==> flow/design.v <==
module my_addsub #(
    parameter integer W = 112
) (
    input  wire clk,
    input  wire [W-1:0] in0,
    input  wire subtract,
    output reg [W-1:0] result
);
    always @(posedge clk) begin
        result <= subtract ? -in0 : in0;
    end
endmodule
**Step by step through the tools: my_addsub**

The steps from the RTL of my_addsub to its reports follow in flow order.
Line numbers count from 1 in the design file above.
Operators carry their Yosys type and port widths (W data, S select, Z words).
Not given: -

- Design top: my_addsub
- Clock input: clk
- Standard-cell library: sky130hd
- Corner: tt_025C_1v80

**Word level**

Yosys after proc, flatten, opt, wreduce and memory -nomap, before mapping. Enables and synchronous resets that opt folds into registers are not counted as muxes. Memory bits, and registers merged into a memory's read port (data or address), are not among the register bits. Print and check cells are not counted. Equal cells are merged and count once.

- Add/subtract/negate cells: 1
- Bitwise gates (word level): 0
- Reduce/logical cells: 0
- Muxes and demuxes: 1
- Order comparisons: 0
- Equal/unequal tests: 0
- Shift-type cells: 0
- Multipliers: 0
- Divide/modulo/power cells: 0

Operator list:

| kind | count |
|---|---|
| $neg A112 Y112 | 1 |
| $mux W112 | 1 |

- Word-level cells: 3
- Memory bits (writable): 0
- Clocked read ports x word width: 0
- Bits in latches: 0
- Memories: 0
- Input port bits: 114
- ROM bits: 0
- Register bits: 112
- Output and inout bits: 112

**Logic depth**

Yosys ltp: most cells in a row. Word level: on the elaborated netlist, between registers, memories and ports. Mapped: between sequential cells and ports; inverters and the memories' decode and read muxes count.

- Word-level depth: 2
- ABC_AREA: 0
- Gate-level depth with buffers: 8
- Gate-level depth less buffers: 8

**After synthesis**

Yosys stat after the flow's synthesis: flattened, memories mapped to cells. It holds for the ABC_AREA given above (unset counts as 0); a run with the other value may have another netlist.
The area totals of this step are shown rounded.

- Cells in the netlist: 545
- Flip-flop cells: 112
- Buffer cells: 14
- Synthesis area: 0.0053 mm²
- Sequential area: 0.0022 mm²

Cells by type:

| type | count | area in all (µm²) |
|---|---|---|
| sky130_fd_sc_hd__dfxtp_1 | 112 | 2242.15 |
| sky130_fd_sc_hd__xnor2_1 | 109 | 954.666 |
| sky130_fd_sc_hd__nand2_1 | 58 | 217.709 |
| sky130_fd_sc_hd__o31ai_1 | 25 | 187.68 |
| sky130_fd_sc_hd__o21ai_0 | 32 | 160.154 |
| sky130_fd_sc_hd__nor2_1 | 35 | 131.376 |
| sky130_fd_sc_hd__nor4_4 | 6 | 127.622 |
| sky130_fd_sc_hd__o41ai_1 | 12 | 105.101 |
| sky130_fd_sc_hd__nor3_1 | 20 | 100.096 |
| sky130_fd_sc_hd__nand3_1 | 19 | 95.091 |
| sky130_fd_sc_hd__nand4_1 | 13 | 81.328 |
| sky130_fd_sc_hd__o41ai_2 | 5 | 81.328 |
| sky130_fd_sc_hd__nor4_1 | 12 | 75.072 |
| sky130_fd_sc_hd__nor4_2 | 5 | 62.56 |
| sky130_fd_sc_hd__or3_1 | 9 | 56.304 |
| sky130_fd_sc_hd__or4_1 | 6 | 45.043 |
| sky130_fd_sc_hd__clkbuf_1 | 11 | 41.29 |
| sky130_fd_sc_hd__nor3_2 | 4 | 40.038 |

Not listed: further types 27, cells in them 52.

**Timing after synthesis**

Source: OpenSTA report_checks on the synthesized netlist (no wires, ideal clock, input and output delay 20% of the period each), path of least setup slack; recovery checks are left aside. Register names are those of the netlist, which keeps one name where synthesis merged equal registers.

- Kind: input to register
- Start: input port in0[88]
- End: register result[106]
- Period: 2710 ps
- External input delay: 542 ps
- Arrival: 2205 ps
- Path delay: 1735 ps
- Time at the first pin: 542 ps
- Path buffers: 0
- Data required time: 2638 ps
- Library setup time: 72 ps
- Setup slack: 433 ps
- Driving pins on the path: 6
- Synthesis period reached: 2277 ps

"path delay" = arrival - input delay + setup time.
"driving pins on the path" counts driving pins, that of a launching flip-flop among them; a cell with two outputs on the path counts twice.
"synthesis period reached" = period - worst setup slack (recovery checks aside). The figure is calculated, with input and output delays left at 20% of the set period.
The rows between start and end are the longest chain of elaborated cells between them; the timing report does not say that the signal goes this way. Where chains are equally long, one stands for them.
Each line given opens the expression or statement behind the cell; cells for indexed reads and writes are added by Yosys, which also makes memories of some case tables.

- Path through: sky130_fd_sc_hd__or4_4 -> sky130_fd_sc_hd__nand3b_4 -> sky130_fd_sc_hd__or2_4 -> sky130_fd_sc_hd__or4_4 -> sky130_fd_sc_hd__o21ai_2 -> sky130_fd_sc_hd__xnor2_1
- Length of the longest elaborated chain: 2
- Elaborated cells between the ends (all ways): 2
- Source lines of those cells: 1
- Those cells by class: add/sub (1); mux (1)

Ends and longest elaborated chain, post-synthesis:

| item | line | source |
|---|---|---|
| start: declaration | 5 | `input  wire [W-1:0] in0,` |
| $neg A112 Y112 | 10 | `result <= subtract ? -in0 : in0;` |
| $mux W112 | 10 |  |
| end: assignment | 10 |  |
| end: declaration | 7 | `output reg [W-1:0] result` |

**Path in the finished layout**

From the final timing report of record 1: the path of least setup slack in the routed layout; clock arrival at registers is part of the times.
The report prints the path's times to 10 ps; the period is as set.

- Kind: input to register
- Start: input port in0[12]
- End: register result[63]
- Driving pins on the path: 9
- Arrival: 2860 ps
- Period: 2710 ps
- Path buffers: 3
- Time at the first pin: 540 ps
- Data required time: 2990 ps
- Library setup time: 70 ps
- Setup slack: 130 ps
- External input delay: 540 ps

The rows between start and end are the longest chain of elaborated cells between them; the timing report does not say that the signal goes this way. Where chains are equally long, one stands for them.

- Path through: sky130_fd_sc_hd__clkdlybuf4s50_1 -> sky130_fd_sc_hd__nor4_4 -> sky130_fd_sc_hd__nand2_1 -> sky130_fd_sc_hd__buf_4 -> sky130_fd_sc_hd__nor4_1 -> sky130_fd_sc_hd__buf_4 -> sky130_fd_sc_hd__nand4b_1 -> sky130_fd_sc_hd__o21ai_1 -> sky130_fd_sc_hd__xnor2_1
- Length of the longest elaborated chain: 2
- Elaborated cells between the ends (all ways): 2
- Source lines of those cells: 1
- Those cells by class: add/sub (1); mux (1)

Ends and longest elaborated chain, after layout:

| item | line | source |
|---|---|---|
| start: declaration | 5 | `input  wire [W-1:0] in0,` |
| $neg A112 Y112 | 10 | `result <= subtract ? -in0 : in0;` |
| $mux W112 | 10 |  |
| end: assignment | 10 |  |
| end: declaration | 7 | `output reg [W-1:0] result` |

Subject: flow runs of my_addsub

Hi,

Flow measurements of my_addsub on sky130hd: 3 stored runs with different settings, listed in no order. Input and output delays are each 20% of the period that was set; the output load is 0.01 pF.
"achieved clock period": clock period set for the run, less the worst setup slack. It is reckoned from that one timing run; input and output delays stay at 20% of the period that was set.
"allowed time less slack (worst setup path)" is the time allowed to the run's worst setup path (the clock period less input and output delay, where it has them) less its slack. Clock arrival times count: a late capture clock shortens it, a late launch clock lengthens it.
By "power" is meant OpenSTA's value without simulated activity: inputs other than the clock are taken to toggle once in ten clock periods, and the tool carries that through the logic.
"allowed time less slack (worst setup path)" is known to 10 ps.
Values from the reports are rounded here.
Settings: -- = not set for that run.
Results: -- = not shown.

| name | record 1 | record 2 | record 3 |
|---|---|---|---|
| period_ns | 2.71 | 4.23 | 3.53 |
| CAP_MARGIN | 20 | 25 | 40 |
| CORE_MARGIN | 2 | 9 | 2 |
| CORE_UTILIZATION | 40 | 68 | 44 |
| SLEW_MARGIN | 20 | 20 | 10 |
| SETUP_SLACK_MARGIN | -- | 1.06 | -0.29 |
| PLACE_DENSITY | -- | 0.37 | -- |
| CORE_ASPECT_RATIO | -- | 0.96 | -- |
| CELL_PAD_IN_SITES_GLOBAL_PLACEMENT | -- | 2 | -- |
| CELL_PAD_IN_SITES_DETAIL_PLACEMENT | -- | 0 | 2 |
| TNS_END_PERCENT | -- | 5 | -- |
| GPL_ROUTABILITY_DRIVEN | -- | 1 | -- |
| CTS_CLUSTER_SIZE | -- | 15 | 46 |
| CTS_CLUSTER_DIAMETER | -- | 93 | -- |
| PLACE_DENSITY_LB_ADDON | -- | -- | 0.23 |
| ABC_AREA | -- | -- | 1 |
| GPL_TIMING_DRIVEN | -- | -- | 0 |
| MIN_ROUTING_LAYER | -- | -- | met1 |
| allowed time less slack (worst setup path) (ps) | 2040 | -- | -- |
| critical path type | input to register | -- | -- |
| power (W) | 0.0046 | -- | -- |
| die area (mm²) | 0.014 | -- | -- |
| achieved clock period (ps) | 2579 | -- | -- |
| worst setup slack after layout (ps) | 130 | -- | -- |
| netlist area reported by Yosys (mm²) | 0.0053 | -- | -- |
| final setup TNS (ps) | 0 | -- | -- |
| standard-cell area of the final layout (mm²) | 0.0094 | -- | -- |
| smallest hold slack (ps) | 740 | -- | -- |
| post-route utilization | 0.74 | -- | -- |

Record 2: unfinished; error GPL-0301 in placement
Record 3: unfinished; error DPL-0033 in placement

Regards
